==> flow/design.v <==
module sync_addsub_mod #(
    parameter integer W = 112
) (
    input  logic clk_i,
    input  logic rst_ni,
    input  logic valid,
    input  logic signed [W-1:0] arg0,
    input  logic signed [W-1:0] arg1,
    input  logic mode,
    output logic [W-1:0] q,
    output logic cy
);
    logic signed [W-1:0] arg0_reg;
    logic signed [W-1:0] arg1_reg;
    logic mode_reg;
    always_ff @(posedge clk_i or negedge rst_ni) begin
        if (!rst_ni) begin
            arg0_reg <= 0;
            arg1_reg <= 0;
            mode_reg <= 1'b0;
        end else if (valid) begin
            arg0_reg <= arg0;
            arg1_reg <= arg1;
            mode_reg <= mode;
        end
    end
    logic [W-1:0] w2;
    assign w2 = arg1_reg ^ {W{mode_reg}};
    logic [W-1:0] cur;
    assign cur = $unsigned(arg0_reg) + w2 + mode_reg;
    assign q = cur[W-1:0];
    assign cy = (arg0_reg[W-1] == w2[W-1]) && (cur[W-1] != arg0_reg[W-1]);
endmodule
# Reports on sync_addsub_mod
# What the tools print for sync_addsub_mod, step after step.
# Lines are those of the file above, counted from 1.
# Library cell names are shortened.
# Not given: n/a
# design
top	sync_addsub_mod
clock_port	clk_i
lib	sky130hd
corner	tt_025C_1v80

# After elaboration
# Counts by Yosys on the flattened word-level netlist (proc, flatten, opt, wreduce; memories kept). Register bits leave out memories and registers merged into their read ports (data or address); mux counts leave out enables and synchronous resets folded into registers. Print and check cells are left out. Cells with the same type and inputs are merged into one.
# bits
ff_bits	225
input_bits	228
# classes
n_addsub	2
n_eq	2
n_logic	1
reduce_logical	1
# op_table
op	n
adder 112 x 1 -> 112 bit	1
adder 112 bit	1
XOR 112 bit	1
equality test 1 bit	1
!= test 1 bit	1
logical AND 1 bit	1

# Longest topological paths
# Depth = most cells in a row (Yosys ltp): at word level without a register or memory, in the mapped netlist without a sequential cell, where the memories' decode and read muxes count.
# depth
depth_word	5
abc_area	0
mapped_depth	16
ltp_nobuf	13

# Synthesis result
# The flow's flattened synthesis, as Yosys stat reports it; memories are mapped. The netlist is that of the ABC_AREA named above (0 if unset); the other value can give another one.
# mapped
mapped_cells	1755
mapped_area_um2	16774.8
ffs	225
# by_type
cell_type	n	area_total_um2
dfrtp_1	225	5630.4
mux2_2	225	2533.68
ha_1	110	1376.32
xor2_1	150	1313.76
a21oi_1	160	800.768
xnor2_1	65	569.296
o21ai_0	102	510.49
a21o_1	65	487.968
nand2_1	118	442.925
nor2_1	86	322.81
nand4_1	47	294.032
clkbuf_1	68	255.245
o21bai_1	31	232.723
inv_1	39	146.39
nor3_1	29	145.139
nand3_1	26	130.125
o21a_1	12	90.086
a31oi_1	12	75.072
# Not listed: further types 60, cells in them 185.

# Timing after synthesis
# OpenSTA on the mapped netlist: ideal clock, no wires. The path of least setup slack (recovery checks aside). Input and output delay are each 20% of the period. Register names are those of the netlist, which keeps one name where synthesis merged equal registers.
# synth_timing
kind	register to output
start	register mode_reg
end	output q[107]
tclk_ns	5.87
output_delay_ns	1.174
t_first_pin_ns	0.000
arrival_ns	3.757
required_time_ns	4.696
path_slack_ns	0.939
delay_ns	3.757
path_stages	16
path_buffers	3
period_less_setup_slack_ns	4.931
# "delay_ns" = arrival - input delay + setup time.
# At an output port there is no setup time.
# "path_stages" counts driving pins, that of a launching flip-flop among them; a cell with two outputs on the path counts twice.
# "period_less_setup_slack_ns" = period - worst setup slack (recovery checks aside). The figure is calculated, with input and output delays left at 20% of the set period.
# The rows between start and end are the longest chain of elaborated cells between them; the timing report does not say that the signal goes this way. Where chains are equally long, one stands for them.
# Each line given opens the expression or statement behind the cell; cells for indexed reads and writes are added by Yosys, which also makes memories of some case tables.
# synth_between
path_cell_list	dfrtp_1 -> buf_6 -> clkbuf_1 -> buf_1 -> xor2_1 -> ha_1 -> a21oi_1 -> o221ai_4 -> a21boi_4 -> nor4_4 -> o311ai_2 -> a21oi_2 -> o211ai_2 -> a31oi_4 -> mux2i_1 -> a2111oi_2
elab_chain_len	3
cells_between	3
# synth_rtl
item	line	text
start, declared	15	logic mode_reg;
start, assigned	20	mode_reg <= 1'b0;
start, assigned	24	mode_reg <= mode;
XOR 112 bit	28	assign w2 = arg1_reg ^ {W{mode_reg}};
adder 112 bit	30	assign cur = $unsigned(arg0_reg) + w2 + mode_reg;
adder 112 x 1 -> 112 bit	30
end, declared	10	output logic [W-1:0] q,

# Worst path after layout
# From the final timing report of run A: the path of least setup slack in the routed layout; clock arrival at registers is part of the times.
# layout_timing
kind	register to output
start	register mode_reg
end	output q[104]
tclk_ns	9.09
output_delay_ns	1.82
t_first_pin_ns	0.55
arrival_ns	5.66
required_time_ns	7.27
path_slack_ns	1.61
path_stages	15
path_buffers	2
# The rows between start and end are the longest chain of elaborated cells between them; the timing report does not say that the signal goes this way. Where chains are equally long, one stands for them.
# layout_between
path_cell_list	dfrtp_4 -> buf_12 -> xor2_1 -> ha_1 -> and2_1 -> and3_1 -> nand2_1 -> or4_1 -> a21oi_1 -> o2111a_1 -> o211ai_1 -> a21oi_1 -> nor4_1 -> a311oi_1 -> clkdlybuf4s50_1
elab_chain_len	3
cells_between	3
# layout_rtl
item	line	text
start, declared	15	logic mode_reg;
start, assigned	20	mode_reg <= 1'b0;
start, assigned	24	mode_reg <= mode;
XOR 112 bit	28	assign w2 = arg1_reg ^ {W{mode_reg}};
adder 112 bit	30	assign cur = $unsigned(arg0_reg) + w2 + mode_reg;
adder 112 x 1 -> 112 bit	30
end, declared	10	output logic [W-1:0] q,

# Record of 3 stored runs of the RTL-to-layout flow on sync_addsub_mod, platform sky130hd. The runs are unordered. Constraints: input delay and output delay 20% of the set period each, output load 0.01 pF.
# "period_reached_ns" means the clock period less the worst setup slack. The figure is calculated, with input and output delays left at 20% of the set period.
# By "power_mw" is meant OpenSTA's value without simulated activity: inputs other than the clock are taken to toggle once in ten clock periods, and the tool carries that through the logic.
# Settings: . = not set for that run.
# Results: . = not shown.
run	period_ns	CORE_UTILIZATION	PLACE_DENSITY	GPL_TIMING_DRIVEN	GPL_ROUTABILITY_DRIVEN	CTS_CLUSTER_SIZE	SLEW_MARGIN	CAP_MARGIN	CORE_MARGIN	CORE_ASPECT_RATIO	CELL_PAD_IN_SITES_GLOBAL_PLACEMENT	ABC_AREA	CTS_CLUSTER_DIAMETER	MIN_ROUTING_LAYER	setup_ws_ns	die_footprint_um2	synth_area_um2	power_mw	timing.hold.ws_ns	final_stdcell_area_um2	period_reached_ns
run A	9.09	34	0.81	1	1	75	40	20	2	.	.	.	.	.	1.609	51130.3	16774.8	5.394	0.512	21755.9	7.481
run B	5.87	40	.	.	.	.	20	20	2	.	.	.	.	.	0.051	43591.2	16774.8	8.364	0.515	22333.9	5.819
run C	3.16	57	0.88	.	.	14	20	35	8	1.25	2	1	37	met2	.	.	.	.	.	.	.
# Run C: stopped before the end: placement reported GPL-0301
